==> flow/design.v <==
module mul_core_n #(
    parameter NBITS = 10
) (
    input  wire clk_i,
    input  wire resetn,
    input  wire [NBITS-1:0] x,
    input  wire [NBITS-1:0] y,
    output wire [2*NBITS-1:0] m
);
    reg [NBITS-1:0] x_r;
    always @(posedge clk_i or negedge resetn) begin
        if (~resetn) begin
            x_r <= 0;
        end else begin
            x_r <= x;
        end
    end
    reg [NBITS-1:0] y_r;
    always @(posedge clk_i or negedge resetn) begin
        if (~resetn) begin
            y_r <= 0;
        end else begin
            y_r <= y;
        end
    end
    reg [2*NBITS-1:0] val;
    integer n;
    always @* begin
        val = 0;
        for (n = 0; n < NBITS; n = n + 1)
            if (y_r[n]) val = val + (x_r << n);
    end
    assign m = val;
endmodule
Reports on mul_core_n
The steps from the RTL of mul_core_n to its reports follow in flow order. Lines are those of the file above, counted from 1. Cell names lack the library's common part. Not given: -

Top module: mul_core_n. Clock input: clk_i. Library: sky130hd. Timing corner: tt_025C_1v80.

Word level
Source: Yosys, flattened and elaborated, memories not mapped. Widths are those after wreduce; folded enables and synchronous resets count as part of the registers. Registers that Yosys merges into a memory's read port (data or address) are not register bits. Print and check cells do not count. Equal cells are merged and count once.

The entry for $add $sub $neg reads 9. Under multiplexer cells stands 10.

Operators by type and width (number): 2-to-1 mux 20 bit (9); adder 20 x 11 -> 20 bit (1); adder 20 x 12 -> 20 bit (1); adder 20 x 13 -> 20 bit (1); adder 20 x 14 -> 20 bit (1); adder 20 x 15 -> 20 bit (1); adder 20 x 16 -> 20 bit (1); adder 20 x 17 -> 20 bit (1); adder 20 x 18 -> 20 bit (1); adder 20 x 19 -> 20 bit (1); 2-to-1 mux 10 bit (1).

The figure for register bits is 20. The entry for output and inout bits reads 20. The figure for elaborated cells is 21.

Depth
Longest topological path by Yosys (ltp), each cell counted once; first at word level (registers and memories cut), then after technology mapping (sequential cells cut; the memories' decode and read muxes count).

Depth after elaboration: 19. The figure for ABC_AREA is 0. Depth in mapped cells: 62. Under depth with buffers taken out stands 61.

Netlist
The flow's flattened synthesis, as Yosys stat reports it; memories are mapped. The netlist is that of the ABC_AREA named above (0 if unset); the other value can give another one.

Cells by type: ha_1 (number 89, area in all 1.11E+03 sq um); dfrtp_1 (number 20, area in all 500.48 sq um); a21oi_1 (number 67, area in all 335.322 sq um); xnor2_1 (number 35, area in all 306.544 sq um); o21ai_0 (number 53, area in all 265.254 sq um); nand2_1 (number 68, area in all 255.245 sq um); mux2_2 (number 21, area in all 236.477 sq um); inv_1 (number 50, area in all 187.68 sq um); nor2_1 (number 50, area in all 187.68 sq um); fa_1 (number 9, area in all 180.173 sq um); a21o_1 (number 21, area in all 157.651 sq um); xor2_1 (number 16, area in all 140.134 sq um); o21a_1 (number 18, area in all 135.13 sq um); nand3_1 (number 20, area in all 100.096 sq um); nor3_1 (number 16, area in all 80.077 sq um); clkbuf_1 (number 21, area in all 78.826 sq um); a211oi_1 (number 10, area in all 75.072 sq um); and2_1 (number 11, area in all 68.816 sq um).

Other cell types: 50; their cells: 160.

For chip area (Yosys) the number is 5641.7 sq um. For cells in the netlist the number is 755. For buffers the number is 22. The entry for flip-flops reads 20.

Worst setup path after synthesis
Path of least setup slack by OpenSTA after synthesis, without wires, with an ideal clock, recovery checks aside; 20% of the period is set as input and as output delay. Where synthesis merged equal registers, the netlist keeps one of their names.

Kind: reg-to-output. From: register x_r[1]. To: output port m[17]. The figure for required time is 14080 ps. The figure for stages on the path is 57. The figure for launch time at the first pin is 0 ps. Period: 17600 ps. The figure for slack is 2825 ps. The entry for output delay reads 3520 ps. The figure for buffers on the path is 0. The figure for delay of the path is 11255 ps. Arrival time: 11255 ps. For period reached after synthesis the number is 14775 ps.

"delay of the path" is the arrival time less input delay plus setup time. At an output port there is no setup time. "stages on the path" counts driving pins, that of a launching flip-flop among them; a cell with two outputs on the path counts twice. "period reached after synthesis" = period - worst setup slack (recovery checks aside). The figure is calculated, with input and output delays left at 20% of the set period. Between the ends stands the longest chain of elaborated cells between them, by number of cells; it is not shown to be the way that was timed. Of several equally long chains one is given. Each line given opens the expression or statement behind the cell; cells for indexed reads and writes are added by Yosys, which also makes memories of some case tables.

Cells stage by stage: dfrtp_1 > and2_1 > ha_1 > fa_1 > a31oi_2 > a21oi_1 > or3_4 > xor2_1 > mux2_2 > ha_1 > o21ai_0 > nor2_1 > o221ai_1 > nand3b_1 > and3b_1 > inv_1 > ha_1 > inv_1 > [21 not listed] > a21o_1 > a21oi_1 > or3_1 > ha_1 > or3_1 > o21ai_0 > xnor2_1 > a221o_2 > ha_1 > a21o_1 > or3_1 > nand2_1 > a21oi_1 > ha_1 > a21oi_1 > o21ai_0 > xor2_1 > mux2_2. For cells in the longest elaborated chain the number is 19.

RTL lines, path post-synthesis: from (decl) (line 10) `reg [NBITS-1:0] x_r;`; from (assign) (line 13) `x_r <= 0;`; from (assign) (line 15) `x_r <= x;`; 2-to-1 mux 10 bit (line 31) `if (y_r[n]) val = val + (x_r << n);`; adder 20 x 11 -> 20 bit (line 31); 2-to-1 mux 20 bit (line 31); adder 20 x 12 -> 20 bit (line 31); 2-to-1 mux 20 bit (line 31); adder 20 x 13 -> 20 bit (line 31); 2-to-1 mux 20 bit (line 31); [5 not listed]; 2-to-1 mux 20 bit (line 31); adder 20 x 17 -> 20 bit (line 31); 2-to-1 mux 20 bit (line 31); adder 20 x 18 -> 20 bit (line 31); 2-to-1 mux 20 bit (line 31); adder 20 x 19 -> 20 bit (line 31); 2-to-1 mux 20 bit (line 31); to (decl) (line 8) `output wire [2*NBITS-1:0] m`.

Path in the finished layout
From the final timing report of run A: the path of least setup slack in the routed layout; clock arrival at registers is part of the times. The path's times are printed in steps of 10 ps; the period is the one set.

Kind: reg-to-output. From: register y_r[0]. To: output port m[18]. The entry for output delay reads 3520 ps. The figure for launch time at the first pin is 250 ps. Arrival time: 13280 ps. The figure for required time is 14080 ps. Period: 17600 ps. The figure for buffers on the path is 1. The figure for stages on the path is 58. The figure for slack is 800 ps.

Between the ends stands the longest chain of elaborated cells between them, by number of cells; it is not shown to be the way that was timed. Of several equally long chains one is given.

Cells stage by stage: dfrtp_2 > and2_1 > ha_1 > fa_1 > a31oi_2 > a21oi_1 > or3_4 > xor2_1 > mux2_2 > ha_1 > o21ai_0 > nor2_1 > o221ai_1 > nand3b_1 > and3b_1 > inv_1 > ha_1 > inv_1 > [22 not listed] > a21oi_1 > or3_1 > ha_1 > or3_1 > o21ai_0 > xnor2_1 > a221o_2 > ha_1 > nand2_1 > o31ai_1 > xor2_1 > mux2_2 > ha_1 > a21o_1 > a31oi_1 > xnor2_1 > mux2_2 > clkdlybuf4s50_1. For cells in the longest elaborated chain the number is 19.

RTL lines, path after layout: from (decl) (line 18) `reg [NBITS-1:0] y_r;`; from (assign) (line 21) `y_r <= 0;`; from (assign) (line 23) `y_r <= y;`; 2-to-1 mux 10 bit (line 31) `if (y_r[n]) val = val + (x_r << n);`; adder 20 x 11 -> 20 bit (line 31); 2-to-1 mux 20 bit (line 31); adder 20 x 12 -> 20 bit (line 31); 2-to-1 mux 20 bit (line 31); adder 20 x 13 -> 20 bit (line 31); 2-to-1 mux 20 bit (line 31); [5 not listed]; 2-to-1 mux 20 bit (line 31); adder 20 x 17 -> 20 bit (line 31); 2-to-1 mux 20 bit (line 31); adder 20 x 18 -> 20 bit (line 31); 2-to-1 mux 20 bit (line 31); adder 20 x 19 -> 20 bit (line 31); 2-to-1 mux 20 bit (line 31); to (decl) (line 8) `output wire [2*NBITS-1:0] m`.

Wiki page: mul_core_n / flow data

Module mul_core_n, platform sky130hd: 2 stored runs of the flow (Yosys, OpenROAD) with differing settings, in no particular order. Input and output delays are each 20% of the period that was set; the output load is 0.01 pF. "allowed time less slack (worst setup path)" means the part of the period allowed to the worst setup path (the constraints hold back 20% at inputs and 20% at outputs) less its slack; where the path has registers, the arrival times of their clocks count too. "allowed time less slack (worst setup path)" is given in steps of 10 ps.

Files of run A:
==> flow/run.sh <==
#!/bin/bash
# the make line also repeats the synthesis and layout settings of config.mk as NAME=value (left out here)
make -C /OpenROAD-flow-scripts/flow DESIGN_CONFIG=/design/flow/config.mk WORK_HOME=/design/flow/orfs CLKGATE_MAP_FILE= finish
==> flow/config.mk <==
export PLATFORM = sky130hd
export DESIGN_NAME = mul_core_n
export DESIGN_NICKNAME = mul_core_n
export VERILOG_FILES = /design/flow/design.v
export SDC_FILE = /design/flow/constraint.sdc
export NUM_CORES = 4
export LEC_CHECK = 0
export CAP_MARGIN = 20
export CORE_MARGIN = 2
export CORE_UTILIZATION = 40
export SLEW_MARGIN = 20
==> flow/constraint.sdc <==
create_clock -name core_clock -period 17.6 [get_ports {clk_i}]
set_input_delay 3.5200 -clock core_clock [delete_from_list [all_inputs] [get_ports {clk_i}]]
set_output_delay 3.5200 -clock core_clock [all_outputs]
set_load 0.01 [all_outputs]

Results of run A. For the allowed time less slack (worst setup path) the run shows 13280 ps. Worst setup path type: reg-to-output. The die area comes to 15070.0 sq um. For the mapped cell area after synthesis the run shows 5641.7 sq um. For the lowest setup slack the run shows 803 ps. The standard-cell area after layout comes to 6356.1 sq um. For the total negative setup slack the run shows 0 ps. The worst hold slack in the final report reads 3705 ps.

Files of run B:
==> flow/run.sh <==
#!/bin/bash
# the make line also repeats the synthesis and layout settings of config.mk as NAME=value (left out here)
make -C /OpenROAD-flow-scripts/flow DESIGN_CONFIG=/design/flow/config.mk WORK_HOME=/design/flow/orfs CLKGATE_MAP_FILE= finish
==> flow/config.mk <==
export PLATFORM = sky130hd
export DESIGN_NAME = mul_core_n
export DESIGN_NICKNAME = mul_core_n
export VERILOG_FILES = /design/flow/design.v
export SDC_FILE = /design/flow/constraint.sdc
export NUM_CORES = 4
export LEC_CHECK = 0
export ABC_AREA = 0
export CAP_MARGIN = 20
export CELL_PAD_IN_SITES_DETAIL_PLACEMENT = 1
export CELL_PAD_IN_SITES_GLOBAL_PLACEMENT = 0
export CORE_MARGIN = 2
export CORE_UTILIZATION = 15
export CTS_CLUSTER_SIZE = 52
export GPL_TIMING_DRIVEN = 0
export HOLD_SLACK_MARGIN = 0.24
export MAX_ROUTING_LAYER = met5
export MIN_ROUTING_LAYER = met1
export PLACE_DENSITY = 0.45
export SETUP_SLACK_MARGIN = 0.81
export SLEW_MARGIN = 20
export TNS_END_PERCENT = 30
==> flow/constraint.sdc <==
create_clock -name core_clock -period 16.2 [get_ports {clk_i}]
set_input_delay 3.2400 -clock core_clock [delete_from_list [all_inputs] [get_ports {clk_i}]]
set_output_delay 3.2400 -clock core_clock [all_outputs]
set_load 0.01 [all_outputs]

Results of run B. For the allowed time less slack (worst setup path) the run shows 11780 ps. Worst setup path type: reg-to-output. The die area comes to 39178.3 sq um. For the mapped cell area after synthesis the run shows 5641.7 sq um. For the lowest setup slack the run shows 1175 ps. The standard-cell area after layout comes to 7957.6 sq um. For the total negative setup slack the run shows 0 ps. The worst hold slack in the final report reads 3425 ps.
